==> flow/design.v <==
module ex_add_sub #(
    parameter XLEN = 10
) (
    input wire aclk,
    input wire rst_n,
    input wire valid,
    input wire [XLEN-1:0] i_opa,
    input wire [XLEN-1:0] i_opb,
    output reg [XLEN-1:0] o_result
);
    reg [XLEN-1:0] r_opa;
    reg [XLEN-1:0] r_opb;
    always @(posedge aclk or negedge rst_n) begin
        if (~rst_n) begin
            r_opa <= 0;
            r_opb <= 0;
        end else if (valid) begin
            r_opa <= i_opa;
            r_opb <= i_opb;
        end
    end
    wire [XLEN:0] tmp = r_opa - r_opb;
    always @(posedge aclk or negedge rst_n) begin
        if (~rst_n) begin
            o_result <= 0;
        end else if (valid) begin
            o_result <= tmp[XLEN] ? {XLEN{1'b0}} : tmp[XLEN-1:0];
        end
    end
endmodule
Reports on ex_add_sub --
What the tools print for ex_add_sub, step after step. Lines are those of the file above, counted from 1. A cell with n/a has no value.
Set-up: top ex_add_sub, clock aclk, library sky130hd, timing corner tt_025C_1v80

Word level --
Source: Yosys, flattened and elaborated, memories not mapped. Widths are those after wreduce; folded enables and synchronous resets count as part of the registers. Registers that Yosys merges into a memory's read port (data or address) are not register bits. Print and check cells do not count. Equal cells are merged and count once.
Word-level totals: latch bits 0, flip-flop bits (word level) 30, clocked read ports x word width 0, input port bits 23, bits in read-only memories 0, output and inout port bits 10, memories 0, bits in writable memories 0
Cells by class: $lt $le $gt $ge 0, equality and inequality tests 0, $mul 0, bitwise operators 0, shift-type cells 0, muxes and demuxes 1, reduce/logical cells 0, div/mod/pow operators 0, $add $sub $neg 1
Operators by type and width (count):
- 10-bit by 10-bit subtractor with 11-bit output | 1
- 10-bit 2-to-1 mux | 1

Depth --
Longest topological path by Yosys (ltp), each cell counted once; first at word level (registers and memories cut), then after technology mapping (sequential cells cut; the memories' decode and read muxes count).
Depth: depth after elaboration 2, ABC_AREA 0, depth in mapped cells 9

Synthesis result --
The flow's flattened synthesis, as Yosys stat reports it; memories are mapped. The netlist is that of the ABC_AREA named above (0 if unset); the other value can give another one. The area totals of this step are shown rounded.
Synthesis totals: mapped area 1590 um^2, standard cells after synthesis 153, mapped flip-flops 30
Cell types:
- sky130_fd_sc_hd__dfrtp_1 | count 30, area in all 750.72 um^2
- sky130_fd_sc_hd__ha_1 | count 10, area in all 125.12 um^2
- sky130_fd_sc_hd__mux2_2 | count 9, area in all 101.347 um^2
- sky130_fd_sc_hd__inv_1 | count 26, area in all 97.594 um^2
- sky130_fd_sc_hd__o21ai_0 | count 14, area in all 70.067 um^2
- sky130_fd_sc_hd__o22ai_1 | count 9, area in all 56.304 um^2
- sky130_fd_sc_hd__nand2_1 | count 14, area in all 52.55 um^2
- sky130_fd_sc_hd__xnor2_1 | count 4, area in all 35.034 um^2
- sky130_fd_sc_hd__a21oi_1 | count 5, area in all 25.024 um^2
- sky130_fd_sc_hd__o21a_1 | count 3, area in all 22.522 um^2
- sky130_fd_sc_hd__o211ai_4 | count 1, area in all 21.27 um^2
- sky130_fd_sc_hd__o311a_4 | count 1, area in all 21.27 um^2
- sky130_fd_sc_hd__fa_1 | count 1, area in all 20.019 um^2
- sky130_fd_sc_hd__xor2_1 | count 2, area in all 17.517 um^2
- sky130_fd_sc_hd__o2111ai_2 | count 1, area in all 15.014 um^2
- sky130_fd_sc_hd__nor2b_4 | count 1, area in all 13.763 um^2
- sky130_fd_sc_hd__clkbuf_1 | count 3, area in all 11.261 um^2
- sky130_fd_sc_hd__nand3b_2 | count 1, area in all 11.261 um^2
Other cell types: 17; their cells: 18.

Worst setup path after synthesis --
OpenSTA on the mapped netlist: ideal clock, no wires. The path of least setup slack (recovery checks aside). Input and output delay are each 20% of the period. Register names are those of the netlist, which keeps one name where synthesis merged equal registers.
Path after synthesis: path type reg2reg, from reg r_opb[0], to reg o_result[4], driving pins on the path 9, setup slack 0.494 ns, launch time at the first pin 0.000 ns, required time 2.379 ns, arrival 1.885 ns, path delay 1.986 ns, buffers on the path 0, clock period 2.48 ns, synthesis period reached 1.986 ns
"path delay" = arrival - input delay + setup time. "driving pins on the path" counts driving pins, that of a launching flip-flop among them; a cell with two outputs on the path counts twice. "synthesis period reached" = period - worst setup slack (recovery checks aside). The figure is calculated, with input and output delays left at 20% of the set period. Between the ends stands the longest chain of elaborated cells between them, by number of cells; it is not shown to be the way that was timed. Of several equally long chains one is given. A line is the first line of the expression or statement that the cell stems from. Yosys adds cells for indexed reads and writes and turns some case tables into memories.
Between the ends, after synthesis: cell sequence sky130_fd_sc_hd__dfrtp_1 -> sky130_fd_sc_hd__ha_1 -> sky130_fd_sc_hd__fa_1 -> sky130_fd_sc_hd__nor2b_4 -> sky130_fd_sc_hd__o311a_4 -> sky130_fd_sc_hd__o2111ai_2 -> sky130_fd_sc_hd__nand3b_2 -> sky130_fd_sc_hd__o211ai_4 -> sky130_fd_sc_hd__o32ai_1, cells in the longest elaborated chain 2
RTL lines, path after synthesis:
- start, declared | line 12 | reg [XLEN-1:0] r_opb;
- start, assigned | line 16 | r_opb <= 0;
- start, assigned | line 19 | r_opb <= i_opb;
- 10-bit by 10-bit subtractor with 11-bit output | line 22 | wire [XLEN:0] tmp = r_opa - r_opb;
- 10-bit 2-to-1 mux | line 27 | o_result <= tmp[XLEN] ? {XLEN{1'b0}} : tmp[XLEN-1:0];
- end, assigned | line 25 | o_result <= 0;
- end, assigned | line 27
- end, declared | line 9 | output reg [XLEN-1:0] o_result

Path in the finished layout --
Path of least setup slack in the final report of run A (OpenROAD, finished layout, wires in). Where an end is a register, its clock arrival counts in the times.
Path post-layout: path type reg2reg, from reg r_opb[0], to reg o_result[4], launch time at the first pin 0.28 ns, setup slack 0.27 ns, clock period 2.48 ns, buffers on the path 0, arrival 2.39 ns, required time 2.66 ns, driving pins on the path 9
Between the ends stands the longest chain of elaborated cells between them, by number of cells; it is not shown to be the way that was timed. Of several equally long chains one is given.
Between the ends, post-layout: cell sequence sky130_fd_sc_hd__dfrtp_1 -> sky130_fd_sc_hd__ha_1 -> sky130_fd_sc_hd__fa_1 -> sky130_fd_sc_hd__nor2b_4 -> sky130_fd_sc_hd__o311a_4 -> sky130_fd_sc_hd__o2111ai_2 -> sky130_fd_sc_hd__nand3b_2 -> sky130_fd_sc_hd__o211ai_4 -> sky130_fd_sc_hd__o32ai_1, cells in the longest elaborated chain 2
RTL lines, path post-layout:
- start, declared | line 12 | reg [XLEN-1:0] r_opb;
- start, assigned | line 16 | r_opb <= 0;
- start, assigned | line 19 | r_opb <= i_opb;
- 10-bit by 10-bit subtractor with 11-bit output | line 22 | wire [XLEN:0] tmp = r_opa - r_opb;
- 10-bit 2-to-1 mux | line 27 | o_result <= tmp[XLEN] ? {XLEN{1'b0}} : tmp[XLEN-1:0];
- end, assigned | line 25 | o_result <= 0;
- end, assigned | line 27
- end, declared | line 9 | output reg [XLEN-1:0] o_result

==> runs of ex_add_sub <==
Measured results for ex_add_sub: 3 stored runs of the Yosys and OpenROAD flow on sky130hd. The settings differ; the order carries no meaning. The constraints put input and output delay at 20% of the set period each and load the outputs with 0.01 pF.
By "critical path time" is meant the share of the clock period that the worst setup path is allowed (20% is reserved at inputs, 20% at outputs), minus its slack. Clock arrival times at its registers enter into it.
"overall power": no workload was simulated; the value follows from the tool's default switching activity.
The measured numbers are rounded.

[run A] flow files
==> flow/run.sh <==
#!/bin/bash
# the make line also repeats the synthesis and layout settings of config.mk as NAME=value (left out here)
make -C /OpenROAD-flow-scripts/flow DESIGN_CONFIG=/design/flow/config.mk WORK_HOME=/design/flow/orfs CLKGATE_MAP_FILE= finish
==> flow/config.mk <==
export PLATFORM = sky130hd
export DESIGN_NAME = ex_add_sub
export DESIGN_NICKNAME = ex_add_sub
export VERILOG_FILES = /design/flow/design.v
export SDC_FILE = /design/flow/constraint.sdc
export NUM_CORES = 4
export LEC_CHECK = 0
export CAP_MARGIN = 20
export CORE_MARGIN = 2
export CORE_UTILIZATION = 40
export SLEW_MARGIN = 20
==> flow/constraint.sdc <==
create_clock -name core_clock -period 2.48 [get_ports {aclk}]
set_input_delay 0.4960 -clock core_clock [delete_from_list [all_inputs] [get_ports {aclk}]]
set_output_delay 0.4960 -clock core_clock [all_outputs]
set_load 0.01 [all_outputs]

[run A] result: synthesis area 1590 um^2; die outline area 4490 um^2; std-cell area (final layout) 2060 um^2; utilization in the final report 54.9 %; setup slack of the worst path 0.270 ns; total negative slack 0.000 ns; overall power 1480 µW; critical path time 2.21 ns; worst path kind reg2reg

[run B] flow files
==> flow/run.sh <==
#!/bin/bash
# the make line also repeats the synthesis and layout settings of config.mk as NAME=value (left out here)
make -C /OpenROAD-flow-scripts/flow DESIGN_CONFIG=/design/flow/config.mk WORK_HOME=/design/flow/orfs CLKGATE_MAP_FILE= finish
==> flow/config.mk <==
export PLATFORM = sky130hd
export DESIGN_NAME = ex_add_sub
export DESIGN_NICKNAME = ex_add_sub
export VERILOG_FILES = /design/flow/design.v
export SDC_FILE = /design/flow/constraint.sdc
export NUM_CORES = 4
export LEC_CHECK = 0
export CAP_MARGIN = 35
export CELL_PAD_IN_SITES_GLOBAL_PLACEMENT = 2
export CORE_MARGIN = 3
export CORE_UTILIZATION = 28
export CTS_CLUSTER_DIAMETER = 101
export MAX_ROUTING_LAYER = met5
export SETUP_SLACK_MARGIN = 0.18
export SLEW_MARGIN = 5
==> flow/constraint.sdc <==
create_clock -name core_clock -period 1.93 [get_ports {aclk}]
set_input_delay 0.3860 -clock core_clock [delete_from_list [all_inputs] [get_ports {aclk}]]
set_output_delay 0.3860 -clock core_clock [all_outputs]
set_load 0.01 [all_outputs]

[run B] result: synthesis area 1590 um^2; die outline area 6620 um^2; std-cell area (final layout) 2240 um^2; utilization in the final report 42.2 %; setup slack of the worst path -0.048 ns; total negative slack -0.167 ns; overall power 2120 µW; critical path time 1.98 ns; worst path kind reg2reg

[run C] flow files
==> flow/run.sh <==
#!/bin/bash
# the make line also repeats the synthesis and layout settings of config.mk as NAME=value (left out here)
make -C /OpenROAD-flow-scripts/flow DESIGN_CONFIG=/design/flow/config.mk WORK_HOME=/design/flow/orfs CLKGATE_MAP_FILE= finish
==> flow/config.mk <==
export PLATFORM = sky130hd
export DESIGN_NAME = ex_add_sub
export DESIGN_NICKNAME = ex_add_sub
export VERILOG_FILES = /design/flow/design.v
export SDC_FILE = /design/flow/constraint.sdc
export NUM_CORES = 4
export LEC_CHECK = 0
export CAP_MARGIN = 5
export CORE_MARGIN = 2
export CORE_UTILIZATION = 66
export GPL_ROUTABILITY_DRIVEN = 1
export GPL_TIMING_DRIVEN = 1
export PLACE_DENSITY_LB_ADDON = 0.29
export SETUP_SLACK_MARGIN = 0.11
export SLEW_MARGIN = 10
==> flow/constraint.sdc <==
create_clock -name core_clock -period 3.31 [get_ports {aclk}]
set_input_delay 0.6620 -clock core_clock [delete_from_list [all_inputs] [get_ports {aclk}]]
set_output_delay 0.6620 -clock core_clock [all_outputs]
set_load 0.01 [all_outputs]

[run C] result: synthesis area 1590 um^2; die outline area 2820 um^2; std-cell area (final layout) 1990 um^2; utilization in the final report 88.3 %; setup slack of the worst path 1.02 ns; total negative slack 0.000 ns; overall power 1030 µW; critical path time 2.29 ns; worst path kind reg2reg
